==> flow/design.v <==
module gen_sel_unit_v2 #(
  parameter BITS = 10
) (
  input clock,
  input rst,
  input [BITS-1:0] bus_0,
  input [BITS-1:0] bus_1,
  input [BITS-1:0] bus_2,
  input [BITS-1:0] bus_3,
  input [BITS-1:0] bus_4,
  input [BITS-1:0] bus_5,
  input [BITS-1:0] bus_6,
  input [BITS-1:0] bus_7,
  input [BITS-1:0] bus_8,
  input [BITS-1:0] bus_9,
  input [BITS-1:0] bus_10,
  input [BITS-1:0] bus_11,
  input [3:0] choose,
  output [BITS-1:0] res
);
  reg [BITS-1:0] bus_0_q;
  reg [BITS-1:0] bus_1_q;
  reg [BITS-1:0] bus_2_q;
  reg [BITS-1:0] bus_3_q;
  reg [BITS-1:0] bus_4_q;
  reg [BITS-1:0] bus_5_q;
  reg [BITS-1:0] bus_6_q;
  reg [BITS-1:0] bus_7_q;
  reg [BITS-1:0] bus_8_q;
  reg [BITS-1:0] bus_9_q;
  reg [BITS-1:0] bus_10_q;
  reg [BITS-1:0] bus_11_q;
  reg [3:0] choose_q;
  wire [BITS-1:0] r;
  assign r =
    (choose_q == 4'd0) ? bus_0_q :
    (choose_q == 4'd1) ? bus_1_q :
    (choose_q == 4'd2) ? bus_2_q :
    (choose_q == 4'd3) ? bus_3_q :
    (choose_q == 4'd4) ? bus_4_q :
    (choose_q == 4'd5) ? bus_5_q :
    (choose_q == 4'd6) ? bus_6_q :
    (choose_q == 4'd7) ? bus_7_q :
    (choose_q == 4'd8) ? bus_8_q :
    (choose_q == 4'd9) ? bus_9_q :
    (choose_q == 4'd10) ? bus_10_q :
    bus_11_q;
  reg [BITS-1:0] res_q;
  assign res = res_q;
  always @(posedge clock or posedge rst) begin
    if (rst) begin
      bus_0_q <= 0;
      bus_1_q <= 0;
      bus_2_q <= 0;
      bus_3_q <= 0;
      bus_4_q <= 0;
      bus_5_q <= 0;
      bus_6_q <= 0;
      bus_7_q <= 0;
      bus_8_q <= 0;
      bus_9_q <= 0;
      bus_10_q <= 0;
      bus_11_q <= 0;
      choose_q <= 0;
      res_q <= 0;
    end else begin
      bus_0_q <= bus_0;
      bus_1_q <= bus_1;
      bus_2_q <= bus_2;
      bus_3_q <= bus_3;
      bus_4_q <= bus_4;
      bus_5_q <= bus_5;
      bus_6_q <= bus_6;
      bus_7_q <= bus_7;
      bus_8_q <= bus_8;
      bus_9_q <= bus_9;
      bus_10_q <= bus_10;
      bus_11_q <= bus_11;
      choose_q <= choose;
      res_q <= r;
    end
  end
endmodule
# Step by step through the tools: gen_sel_unit_v2
# The steps from the RTL of gen_sel_unit_v2 to its reports follow in flow order.
# Lines are those of the file above, counted from 1.
# Library cell names are shortened.
# Not given: --
# design
design,gen_sel_unit_v2
clock_port,clock
lib,sky130hd
corner,tt_025C_1v80

# Word level
# Yosys after proc, flatten, opt, wreduce and memory -nomap, before mapping. Enables and synchronous resets that opt folds into registers are not counted as muxes. Memory bits, and registers merged into a memory's read port (data or address), are not among the register bits. Print and check cells are not counted. Equal cells are merged and count once.
# word_totals
reg_bits,134
in_bits,126
out_inout_bits,10
wordCells,36
# op_classes
n_eq,10
mux,11
reduce_and_logical,1
# ops
cell,n
10-bit two-way mux,11
4-bit by 3-bit == test with 1-bit output with constant B,4
4-bit == test with constant B,3
4-bit by 2-bit == test with 1-bit output with constant B,2
4-bit by 1-bit == test with 1-bit output with constant B,1
4-bit zero test,1

# Longest topological paths
# Yosys ltp: most cells in a row. Word level: on the elaborated netlist, between registers, memories and ports. Mapped: between sequential cells and ports; inverters and the memories' decode and read muxes count.
# logic_depth
word_depth,12
abc_area,0
depth_mapped,7
mapped_depth_nobuf,5

# Netlist
# Source: synth_stat.txt of the flow (Yosys; design flattened, memories mapped). It holds for the ABC_AREA given above (unset counts as 0); a run with the other value may have another netlist.
# types
cell,n,type_area_um2
dfrtp_1,134,3.35E+03
mux4_2,7,157.651
mux2i_1,13,130.125
a21oi_1,24,120.115
mux2_1,7,78.826
o21ai_0,15,75.072
buf_2,14,70.067
nand2_1,15,56.304
nor2_1,15,56.304
o221ai_1,6,52.55
o22ai_1,8,50.048
a221oi_1,5,43.792
o21ai_1,8,40.038
nand2b_1,6,37.536
nor2b_1,6,37.536
o32ai_1,4,35.034
a22oi_1,4,30.029
a22o_1,3,26.275
# Other cell types: 26; their cells: 47.
# mapped
mapped_cells,341
mapped_area_um2,4792.1
seq_area_um2,3353.2
flip_flops,134
buf_cells,21

# Timing after synthesis
# Path of least setup slack by OpenSTA after synthesis, without wires, with an ideal clock, recovery checks aside; 20% of the period is set as input and as output delay. Where synthesis merged equal registers, the netlist keeps one of their names.
# synth_timing
kind,register to register
from,register (name not given)
to,register res_q[3]
tclk_ns,1.89
setup_ns,0.122
launch_ns,0.000
t_arrival_ns,1.392
t_required_ns,1.768
slack_ns,0.377
delay_ns,1.514
driving_pins,6
path_buffers,1
period_less_setup_slack_ns,1.513
# "delay_ns" is the arrival time less input delay plus setup time.
# "driving_pins" counts driving pins, that of a launching flip-flop among them; a cell with two outputs on the path counts twice.
# "period_less_setup_slack_ns" is the clock period less the worst setup slack; recovery checks do not enter. This is arithmetic on one report: input and output delays are still those of the set period (20% each).
# The rows between start and end are the longest chain of elaborated cells between them; the timing report does not say that the signal goes this way. Where chains are equally long, one stands for them.
# Each line given opens the expression or statement behind the cell; cells for indexed reads and writes are added by Yosys, which also makes memories of some case tables.
# synth_between
path_cell_list,dfrtp_1 buf_4 mux2_1 a221oi_1 o22ai_1 a32o_1
elab_chain_len,12
cone_cells,22
cone_lines,11
cone_classes,10 x eq/ne; 11 x mux; 1 x reduce/logical
# synth_rtl
item,line_no,rtl
"start, declared",33,
"start, assigned",64,
"start, assigned",79,
4-bit == test,46,
10-bit two-way mux,46,
10-bit two-way mux,45,
10-bit two-way mux,44,
10-bit two-way mux,43,
10-bit two-way mux,42,
10-bit two-way mux,41,
10-bit two-way mux,40,
10-bit two-way mux,39,
10-bit two-way mux,38,
10-bit two-way mux,37,
10-bit two-way mux,36,
"end, assigned",65,res_q <= 0;
"end, assigned",80,res_q <= r;
"end, declared",48,reg [BITS-1:0] res_q;

# Worst path after layout
# From the final timing report of flow run A: the path of least setup slack in the routed layout; clock arrival at registers is part of the times.
# layout_timing
kind,register to register
from,register (name not given)
to,register res_q[9]
tclk_ns,1.89
setup_ns,0.09
launch_ns,0.41
t_arrival_ns,2.05
t_required_ns,2.20
slack_ns,0.15
driving_pins,7
path_buffers,1
# The rows between start and end are the longest chain of elaborated cells between them; the timing report does not say that the signal goes this way. Where chains are equally long, one stands for them.
# layout_between
path_cell_list,dfrtp_4 buf_4 inv_2 o21a_1 a31oi_1 a22o_1 o32ai_1
elab_chain_len,12
cone_cells,22
cone_lines,11
cone_classes,10 x eq/ne; 11 x mux; 1 x reduce/logical
# layout_rtl
item,line_no,rtl
"start, declared",33,
"start, assigned",64,
"start, assigned",79,
4-bit == test,46,
10-bit two-way mux,46,
10-bit two-way mux,45,
10-bit two-way mux,44,
10-bit two-way mux,43,
10-bit two-way mux,42,
10-bit two-way mux,41,
10-bit two-way mux,40,
10-bit two-way mux,39,
10-bit two-way mux,38,
10-bit two-way mux,37,
10-bit two-way mux,36,
"end, assigned",65,res_q <= 0;
"end, assigned",80,res_q <= r;
"end, declared",48,reg [BITS-1:0] res_q;

# Measured results for gen_sel_unit_v2: 3 stored runs of the Yosys and OpenROAD flow on sky130hd. The settings differ; the order carries no meaning. The constraints put input and output delay at 20% of the set period each and load the outputs with 0.01 pF.
# "period_less_ws_ns": clock period set for the run, less the worst setup slack. It is reckoned from that one timing run; input and output delays stay at 20% of the period that was set.
# By "worst_path_ns" is meant the share of the clock period that the worst setup path is allowed (20% is reserved at inputs, 20% at outputs), minus its slack. Clock arrival times at its registers enter into it.
# "design_power_mw" rests on the timing tool's default activity at the inputs, not on a simulated workload.
# Among the settings, -- means not set for that run.
# Among the results, -- means that no value is shown for the run.
item,flow run A,flow run B,flow run C
period_ns,1.89,1.71,1.53
CAP_MARGIN,20,20,20
CORE_MARGIN,2,2,2
CORE_UTILIZATION,40,45,54
SLEW_MARGIN,20,20,20
CORE_ASPECT_RATIO,--,0.55,--
CELL_PAD_IN_SITES_GLOBAL_PLACEMENT,--,3,2
CELL_PAD_IN_SITES_DETAIL_PLACEMENT,--,1,0
TNS_END_PERCENT,--,45,--
ABC_AREA,--,0,1
MAX_ROUTING_LAYER,--,met5,--
GPL_TIMING_DRIVEN,--,--,0
CTS_CLUSTER_DIAMETER,--,--,265
synthesis_area_um2,4792.1,--,--
design_power_mw,7.298,--,--
timing.setup.tns_ns,0.000,--,--
setup_ws_ns,0.152,--,--
finish.utilization_frac,0.615,--,--
design.die.area_um2,12872.0,--,--
layout_stdcell_area_um2,7110.6,--,--
period_less_ws_ns,1.738,--,--
worst_path_ns,1.74,--,--
worst_path_kind,register to register,--,--
# Flow run B: stopped before the end: placement reported GPL-0301
# Flow run C: stopped before the end: placement reported GPL-0301
